==> flow/design.v <==
module core_mplex_mod (CLK, rst_i, valid, ch0_in, ch1_in, ch2_in, ch3_in, ch4_in, ch5_in, ch6_in, ch7_in, ch8_in, ch9_in, ch10_in, ch11_in, select_in, out_out);
  parameter integer XLEN = 4;
  input CLK;
  input rst_i;
  input valid;
  input [XLEN-1:0] ch0_in;
  input [XLEN-1:0] ch1_in;
  input [XLEN-1:0] ch2_in;
  input [XLEN-1:0] ch3_in;
  input [XLEN-1:0] ch4_in;
  input [XLEN-1:0] ch5_in;
  input [XLEN-1:0] ch6_in;
  input [XLEN-1:0] ch7_in;
  input [XLEN-1:0] ch8_in;
  input [XLEN-1:0] ch9_in;
  input [XLEN-1:0] ch10_in;
  input [XLEN-1:0] ch11_in;
  input [3:0] select_in;
  output [XLEN-1:0] out_out;
  reg [XLEN-1:0] ch0_q;
  reg [XLEN-1:0] ch1_q;
  reg [XLEN-1:0] ch2_q;
  reg [XLEN-1:0] ch3_q;
  reg [XLEN-1:0] ch4_q;
  reg [XLEN-1:0] ch5_q;
  reg [XLEN-1:0] ch6_q;
  reg [XLEN-1:0] ch7_q;
  reg [XLEN-1:0] ch8_q;
  reg [XLEN-1:0] ch9_q;
  reg [XLEN-1:0] ch10_q;
  reg [XLEN-1:0] ch11_q;
  reg [3:0] select_q;
  reg [XLEN-1:0] t;
  always @* begin
    case (select_q)
      0: t = ch0_q;
      1: t = ch1_q;
      2: t = ch2_q;
      3: t = ch3_q;
      4: t = ch4_q;
      5: t = ch5_q;
      6: t = ch6_q;
      7: t = ch7_q;
      8: t = ch8_q;
      9: t = ch9_q;
      10: t = ch10_q;
      default: t = ch11_q;
    endcase
  end
  assign out_out = t;
  always @(posedge CLK) begin
    if (rst_i) begin
      ch0_q <= 0;
      ch1_q <= 0;
      ch2_q <= 0;
      ch3_q <= 0;
      ch4_q <= 0;
      ch5_q <= 0;
      ch6_q <= 0;
      ch7_q <= 0;
      ch8_q <= 0;
      ch9_q <= 0;
      ch10_q <= 0;
      ch11_q <= 0;
      select_q <= 0;
    end else if (valid) begin
      ch0_q <= ch0_in;
      ch1_q <= ch1_in;
      ch2_q <= ch2_in;
      ch3_q <= ch3_in;
      ch4_q <= ch4_in;
      ch5_q <= ch5_in;
      ch6_q <= ch6_in;
      ch7_q <= ch7_in;
      ch8_q <= ch8_in;
      ch9_q <= ch9_in;
      ch10_q <= ch10_in;
      ch11_q <= ch11_in;
      select_q <= select_in;
    end
  end
endmodule
Tool chain data of core_mplex_mod

What the tools print for core_mplex_mod, step after step.
Lines are those of the file above, counted from 1.
Operators carry their Yosys type and port widths (W data, S select, Z words).
Cell names lack the library's common part.
The mark -- stands for no value.

Design top: core_mplex_mod
Clock: CLK
Standard-cell library: sky130hd
Timing corner: tt_025C_1v80

Word-level counts

Source: Yosys, flattened and elaborated, memories not mapped. Widths are those after wreduce; folded enables and synchronous resets count as part of the registers. Registers that Yosys merges into a memory's read port (data or address) are not register bits. Print and check cells do not count. Equal cells are merged and count once.

Eq/ne operators: 10
Multiplexer cells: 1
Reduce/logical cells: 1

Operator list:

| operator             | count |
| $pmux W4 S11         | 1 |
| $eq A4 B3 Y1 const B | 4 |
| $eq A4 B4 Y1 const B | 3 |
| $eq A4 B2 Y1 const B | 2 |
| $eq A4 B1 Y1 const B | 1 |
| $logic_not A4 Y1     | 1 |

Flip-flop bits (word level): 52
Input bits: 55
Output and inout port bits: 4
Elaborated cells: 25

Depth

Longest topological path by Yosys (ltp), each cell counted once; first at word level (registers and memories cut), then after technology mapping (sequential cells cut; the memories' decode and read muxes count).

Depth after elaboration: 2
ABC_AREA: 0
Gate-level depth with buffers: 6
Gate-level depth less buffers: 4

Netlist

The flow's flattened synthesis, as Yosys stat reports it; memories are mapped. The netlist is that of the ABC_AREA named above (0 if unset); the other value can give another one.
Totals and module areas in this step are rounded.

Standard cells after synthesis: 255
Cell area after synthesis: 2,360 sq um
Area of sequential cells: 1,040 sq um
Flip-flop cells: 52
Buffers: 23

Cell types:

| type     | count | area in all (sq um) |
| dfxtp_1  | 52    | 1.04E+03 |
| mux2i_1  | 58    | 580.557 |
| nor2_1   | 60    | 225.216 |
| buf_2    | 12    | 60.058 |
| nand3b_1 | 6     | 45.043 |
| a21oi_1  | 8     | 40.038 |
| o21ai_0  | 8     | 40.038 |
| a31oi_1  | 6     | 37.536 |
| nand2_1  | 10    | 37.536 |
| clkbuf_1 | 7     | 26.275 |
| o21ai_1  | 5     | 25.024 |
| buf_6    | 2     | 22.522 |
| mux4_2   | 1     | 22.522 |
| or3b_1   | 2     | 17.517 |
| a21o_1   | 2     | 15.014 |
| buf_8    | 1     | 15.014 |
| nand3_1  | 3     | 15.014 |
| o22ai_1  | 2     | 12.512 |

Not listed: further types 10, cells in them 10.

Timing after synthesis

OpenSTA on the mapped netlist: ideal clock, no wires. The path of least setup slack (recovery checks aside). Input and output delay are each 20% of the period. Register names are those of the netlist, which keeps one name where synthesis merged equal registers.

Path kind: flip-flop to output port
Start: register select_q[3]
End: output port out_out[1]
Clock period: 1.89 ns
Output delay: 0.378 ns
Time at the first pin: 0.000 ns
Arrival: 1.211 ns
Required time: 1.512 ns
Setup slack: 0.301 ns
Delay of the path: 1.211 ns
Stages on the path: 6
Buffers on the path: 1
Period reached after synthesis: 1.589 ns

"delay of the path" is the arrival time less input delay plus setup time.
A path that ends at an output port has no setup time.
"stages on the path" counts driving pins, that of a launching flip-flop among them; a cell with two outputs on the path counts twice.
"period reached after synthesis" is the clock period less the worst setup slack; recovery checks do not enter. This is arithmetic on one report: input and output delays are still those of the set period (20% each).
The rows between start and end are the longest chain of elaborated cells between them; the timing report does not say that the signal goes this way. Where chains are equally long, one stands for them.
A line is the first line of the expression or statement that the cell stems from. Yosys adds cells for indexed reads and writes and turns some case tables into memories.

Cells stage by stage: dfxtp_1 buf_6 or3b_1 a31oi_1 o21ai_1 a31oi_1
Length of the longest elaborated chain: 2
Elaborated cells on any way between the ends: 12
RTL lines with such cells: 1
Those cells by class: 10 x eq/ne; 1 x mux; 1 x reduce/logical

Ends and longest elaborated chain, after synthesis:

| item          | RTL line | source |
| from (decl)   | 32       | `reg [3:0] select_q;` |
| from (assign) | 65       | `select_q <= 0;` |
| from (assign) | 79       | `select_q <= select_in;` |
| $eq A4 B4 Y1  | 35       | `case (select_q)` |
| $pmux W4 S11  | 35       |  |
| to (decl)     | 19       | `output [XLEN-1:0] out_out;` |

Timing after layout

From the final timing report of record 1: the path of least setup slack in the routed layout; clock arrival at registers is part of the times.

Path kind: flip-flop to output port
Start: register select_q[0]
End: output port out_out[0]
Clock period: 2.04 ns
Output delay: 0.41 ns
Time at the first pin: 0.29 ns
Arrival: 1.74 ns
Required time: 1.63 ns
Setup slack: -0.11 ns
Stages on the path: 7
Buffers on the path: 2

The rows between start and end are the longest chain of elaborated cells between them; the timing report does not say that the signal goes this way. Where chains are equally long, one stands for them.

Cells stage by stage: dfxtp_2 buf_12 or3b_1 a21oi_2 o21ai_1 a31oi_1 buf_2
Length of the longest elaborated chain: 2
Elaborated cells on any way between the ends: 12
RTL lines with such cells: 1
Those cells by class: 10 x eq/ne; 1 x mux; 1 x reduce/logical

Ends and longest elaborated chain, after layout:

| item          | RTL line | source |
| from (decl)   | 32       | `reg [3:0] select_q;` |
| from (assign) | 65       | `select_q <= 0;` |
| from (assign) | 79       | `select_q <= select_in;` |
| $eq A4 B4 Y1  | 35       | `case (select_q)` |
| $pmux W4 S11  | 35       |  |
| to (decl)     | 19       | `output [XLEN-1:0] out_out;` |

--- measured runs ---
Settings and measured results of 3 stored flow runs for module core_mplex_mod (sky130hd), not sorted in any way. The constraints put input and output delay at 20% of the set period each and load the outputs with 0.01 pF.
"reached clock period" means the clock period less the worst setup slack. The figure is calculated, with input and output delays left at 20% of the set period.
By "total power after layout" is meant OpenSTA's value without simulated activity: inputs other than the clock are taken to toggle once in ten clock periods, and the tool carries that through the logic.
Results are given in rounded form.
Settings: n/a = not set for that run.

| setting or result                  | record 1 | record 2 | record 3 |
| period_ns                          | 2.04     | 1.55     | 1.89     |
| CORE_UTILIZATION                   | 27       | 38       | 40       |
| SETUP_SLACK_MARGIN                 | 0.35     | 0.31     | n/a      |
| CORE_ASPECT_RATIO                  | 1.4      | 0.57     | n/a      |
| TNS_END_PERCENT                    | 95       | 70       | n/a      |
| GPL_ROUTABILITY_DRIVEN             | 1        | n/a      | n/a      |
| CTS_CLUSTER_DIAMETER               | 137      | 189      | n/a      |
| CAP_MARGIN                         | 20       | 35       | 20       |
| CORE_MARGIN                        | 2        | 9        | 2        |
| SLEW_MARGIN                        | 20       | 5        | 20       |
| CELL_PAD_IN_SITES_DETAIL_PLACEMENT | n/a      | 1        | n/a      |
| ABC_AREA                           | n/a      | 1        | n/a      |
| GPL_TIMING_DRIVEN                  | n/a      | 0        | n/a      |
| reached clock period (ns)          | 2.148    | 1.990    | 2.112    |
| die size (sq um)                   | 9,520    | 9,140    | 6,530    |
| total power after layout (µW)      | 2,460    | 2,880    | 2,310    |
| post-route worst hold slack (ns)   | 0.492    | 0.367    | 0.500    |
| setup TNS (ns)                     | -0.260   | -1.60    | -0.688   |
| post-route utilization (%)         | 39.1     | 60.2     | 58.2     |
| cell area after synthesis (sq um)  | 2,360    | 2,260    | 2,360    |
| smallest setup slack (ns)          | -0.108   | -0.440   | -0.222   |
--- end ---
